==> flow/design.v <==
module u_compare #(
  parameter int DWIDTH = 72
) (
  input logic sys_clk,
  input logic [DWIDTH-1:0] u,
  input logic [DWIDTH-1:0] v,
  output logic [DWIDTH-1:0] min_o,
  output logic [DWIDTH-1:0] high
);
  logic [DWIDTH-1:0] r_u;
  logic [DWIDTH-1:0] r_v;
  always_ff @(posedge sys_clk) begin
    r_u <= u;
    r_v <= v;
  end
  logic val;
  assign val = r_u < r_v;
  assign min_o = val ? r_u : r_v;
  assign high = val ? r_v : r_u;
endmodule
=== Reports on u_compare ===
Tool output for the design above, in the order of the flow.
Line numbers count from 1 in the design file above.
Cell names lack the library's common part.
The mark -- stands for no value.

* Top: u_compare
* Clock: sys_clk
* Library: sky130hd
* Corner: tt_025C_1v80

=== After elaboration ===
Source: Yosys, flattened and elaborated, memories not mapped. Widths are those after wreduce; folded enables and synchronous resets count as part of the registers. Registers that Yosys merges into a memory's read port (data or address) are not register bits. Print and check cells do not count. Equal cells are merged and count once.

* Register bits after elaboration: 144
* Bits in latches: 0
* RAM bits: 0
* Memory bits (read-only): 0
* Clocked read ports x word width: 0
* Memory cells: 0
* Input bits: 145
* Output and inout bits: 144
* Elaborated cells: 5

* $add $sub $neg: 0
* Multipliers: 0
* Div/mod/pow operators: 0
* Order comparisons: 1
* Equal/unequal tests: 0
* Shifts and indexed selects: 0
* Mux-type cells: 2
* Bitwise operators: 0
* Reductions and logical operators: 0

{| class="wikitable"
|+ Operators by type and width
! cell !! count
|-
| 72-bit 2-to-1 mux || 2
|-
| 72-bit < comparator || 1
|}

=== Depth ===
Longest topological path by Yosys (ltp), each cell counted once; first at word level (registers and memories cut), then after technology mapping (sequential cells cut; the memories' decode and read muxes count).

* Word-level depth: 2
* ABC_AREA: 0
* Mapped depth: 11
* Mapped depth without buffers: 9

=== Netlist ===
Yosys stat after the flow's synthesis: flattened, memories mapped to cells. It holds for the ABC_AREA given above (unset counts as 0); a run with the other value may have another netlist.

* Cells in the netlist: 559
* Mapped area: 6,389.9 um^2
* Sequential part of the area: 2,882.8 um^2
* Flip-flop cells: 144

{| class="wikitable"
|+ Cell types
! cell type !! count
|-
| dfxtp_1 || 144
|-
| mux2_2 || 84
|-
| ha_1 || 71
|-
| mux2_1 || 60
|-
| inv_1 || 72
|-
| a21oi_1 || 25
|-
| nand2_1 || 24
|-
| nand4_1 || 11
|-
| buf_6 || 6
|-
| o21ai_0 || 10
|-
| a21o_1 || 6
|-
| buf_2 || 8
|-
| a221oi_1 || 4
|-
| nand3_1 || 6
|-
| nor2_1 || 7
|-
| a211oi_1 || 3
|-
| nor4_1 || 3
|-
| o211ai_1 || 2
|}

Not listed: further types 11, cells in them 13.

=== Worst setup path after synthesis ===
Path of least setup slack by OpenSTA after synthesis, without wires, with an ideal clock, recovery checks aside; 20% of the period is set as input and as output delay. Where synthesis merged equal registers, the netlist keeps one of their names.

* Path type: flip-flop to output port
* Start: register r_v[22]
* End: output port high[11]
* Clock period: 3,740 ps
* Time at the first pin: 0 ps
* Arrival time: 2,393 ps
* Data required time: 2,992 ps
* Path slack: 599 ps
* Delay of the path: 2,393 ps
* Driving pins on the path: 12
* Buffers on the path: 2
* Synthesis period reached: 3,141 ps

"delay of the path" = arrival - input delay + setup time.
At an output port there is no setup time.
"driving pins on the path": output pins that drive a net of the path, with the launching flip-flop's if there is one; two outputs of one cell count as two.
"synthesis period reached" is the clock period less the worst setup slack; recovery checks do not enter. This is arithmetic on one report: input and output delays are still those of the set period (20% each).
Between the ends stands the longest chain of elaborated cells between them, by number of cells; it is not shown to be the way that was timed. Of several equally long chains one is given.
A line is the first line of the expression or statement that the cell stems from. Yosys adds cells for indexed reads and writes and turns some case tables into memories.

* Cell sequence: dfxtp_1 -> inv_1 -> ha_1 -> nand4_1 -> nor4_1 -> a221oi_1 -> o211ai_1 -> o21ai_1 -> a21oi_2 -> buf_4 -> buf_6 -> mux2_1
* Length of the longest elaborated chain: 2
* Elaborated cells between the ends (all ways): 2
* RTL lines with such cells: 2
* Classes of those cells: 1 x compare; 1 x mux

{| class="wikitable"
|+ RTL lines, path after synthesis
! what !! RTL line !! RTL
|-
| from (decl) || 11 || <nowiki>logic [DWIDTH-1:0] r_v;</nowiki>
|-
| from (assign) || 14 || <nowiki>r_v <= v;</nowiki>
|-
| 72-bit < comparator || 17 || <nowiki>assign val = r_u < r_v;</nowiki>
|-
| 72-bit 2-to-1 mux || 19 || <nowiki>assign high = val ? r_v : r_u;</nowiki>
|-
| to (decl) || 8 || <nowiki>output logic [DWIDTH-1:0] high</nowiki>
|}

=== Worst path after layout ===
Path of least setup slack in the final report of record 1 (OpenROAD, finished layout, wires in). Where an end is a register, its clock arrival counts in the times.
The report prints the path's times to 10 ps; the period is as set.

* Path type: flip-flop to output port
* Start: register r_v[22]
* End: output port high[20]
* Clock period: 5,680 ps
* Time at the first pin: 420 ps
* Arrival time: 4,020 ps
* Data required time: 4,540 ps
* Path slack: 530 ps
* Driving pins on the path: 12
* Buffers on the path: 2

Between the ends stands the longest chain of elaborated cells between them, by number of cells; it is not shown to be the way that was timed. Of several equally long chains one is given.

* Cell sequence: dfxtp_1 -> inv_1 -> ha_1 -> nand4_1 -> nor4_1 -> a221oi_1 -> o211ai_1 -> o21ai_1 -> a21oi_4 -> buf_4 -> mux2_1 -> clkdlybuf4s50_1
* Length of the longest elaborated chain: 2
* Elaborated cells between the ends (all ways): 2
* RTL lines with such cells: 2
* Classes of those cells: 1 x compare; 1 x mux

{| class="wikitable"
|+ RTL lines, path post-layout
! what !! RTL line !! RTL
|-
| from (decl) || 11 || <nowiki>logic [DWIDTH-1:0] r_v;</nowiki>
|-
| from (assign) || 14 || <nowiki>r_v <= v;</nowiki>
|-
| 72-bit < comparator || 17 || <nowiki>assign val = r_u < r_v;</nowiki>
|-
| 72-bit 2-to-1 mux || 19 || <nowiki>assign high = val ? r_v : r_u;</nowiki>
|-
| to (decl) || 8 || <nowiki>output logic [DWIDTH-1:0] high</nowiki>
|}

Data sheet: physical implementation of u_compare

Top module u_compare; platform sky130hd; tools Yosys and OpenROAD; 3 stored runs in no particular order. Input and output delays are each 20% of the period that was set; the output load is 0.01 pF.
"clock period reached" = clock period - worst setup slack. The figure is calculated, with input and output delays left at 20% of the set period.
"worst setup path time" means the part of the period allowed to the worst setup path (the constraints hold back 20% at inputs and 20% at outputs) less its slack; where the path has registers, the arrival times of their clocks count too.
"total power of the final layout" rests on the timing tool's default activity at the inputs, not on a simulated workload.
"worst setup path time" is known to 10 ps.

=== Record 1 ===
{| class="wikitable"
! Setting !! Value
|-
| period_ns || 5.68
|-
| CORE_UTILIZATION || 44
|-
| PLACE_DENSITY || 0.77
|-
| CORE_MARGIN || 10
|-
| CELL_PAD_IN_SITES_DETAIL_PLACEMENT || 0
|-
| GPL_ROUTABILITY_DRIVEN || 1
|-
| CTS_CLUSTER_DIAMETER || 102
|-
| CAP_MARGIN || 10
|-
| SLEW_MARGIN || 30
|-
! Result !! Value
|-
| Standard-cell area after layout || 10,040.9 um^2
|-
| Worst setup path time || 4,020 ps
|-
| Type of the worst setup path || flip-flop to output port
|-
| Final setup TNS || 0 ps
|-
| Worst setup slack after layout || 528 ps
|-
| Final worst hold slack || 1,153 ps
|-
| Post-route utilization || 0.715
|-
| Chip area after synthesis (Yosys) || 6,389.9 um^2
|-
| Area of the die || 19,743.1 um^2
|-
| Total power of the final layout || 3.065 mW
|-
| Clock period reached || 5,152 ps
|}

=== Record 2 ===
{| class="wikitable"
! Setting !! Value
|-
| period_ns || 2.07
|-
| CORE_UTILIZATION || 52
|-
| PLACE_DENSITY || 0.95
|-
| CTS_CLUSTER_DIAMETER || 185
|-
| CAP_MARGIN || 30
|-
| CORE_MARGIN || 2
|-
| SLEW_MARGIN || 20
|}
Did not finish, clock tree synthesis stopped with DPL-0038.

=== Record 3 ===
{| class="wikitable"
! Setting !! Value
|-
| period_ns || 3.74
|-
| CAP_MARGIN || 20
|-
| CORE_MARGIN || 2
|-
| CORE_UTILIZATION || 40
|-
| SLEW_MARGIN || 20
|-
! Result !! Value
|-
| Standard-cell area after layout || 12,436.9 um^2
|-
| Worst setup path time || 3,240 ps
|-
| Type of the worst setup path || flip-flop to output port
|-
| Final setup TNS || -16,199 ps
|-
| Worst setup slack after layout || -246 ps
|-
| Final worst hold slack || 764 ps
|-
| Post-route utilization || 0.789
|-
| Chip area after synthesis (Yosys) || 6,389.9 um^2
|-
| Area of the die || 17,001.6 um^2
|-
| Total power of the final layout || 5.214 mW
|-
| Clock period reached || 3,986 ps
|}
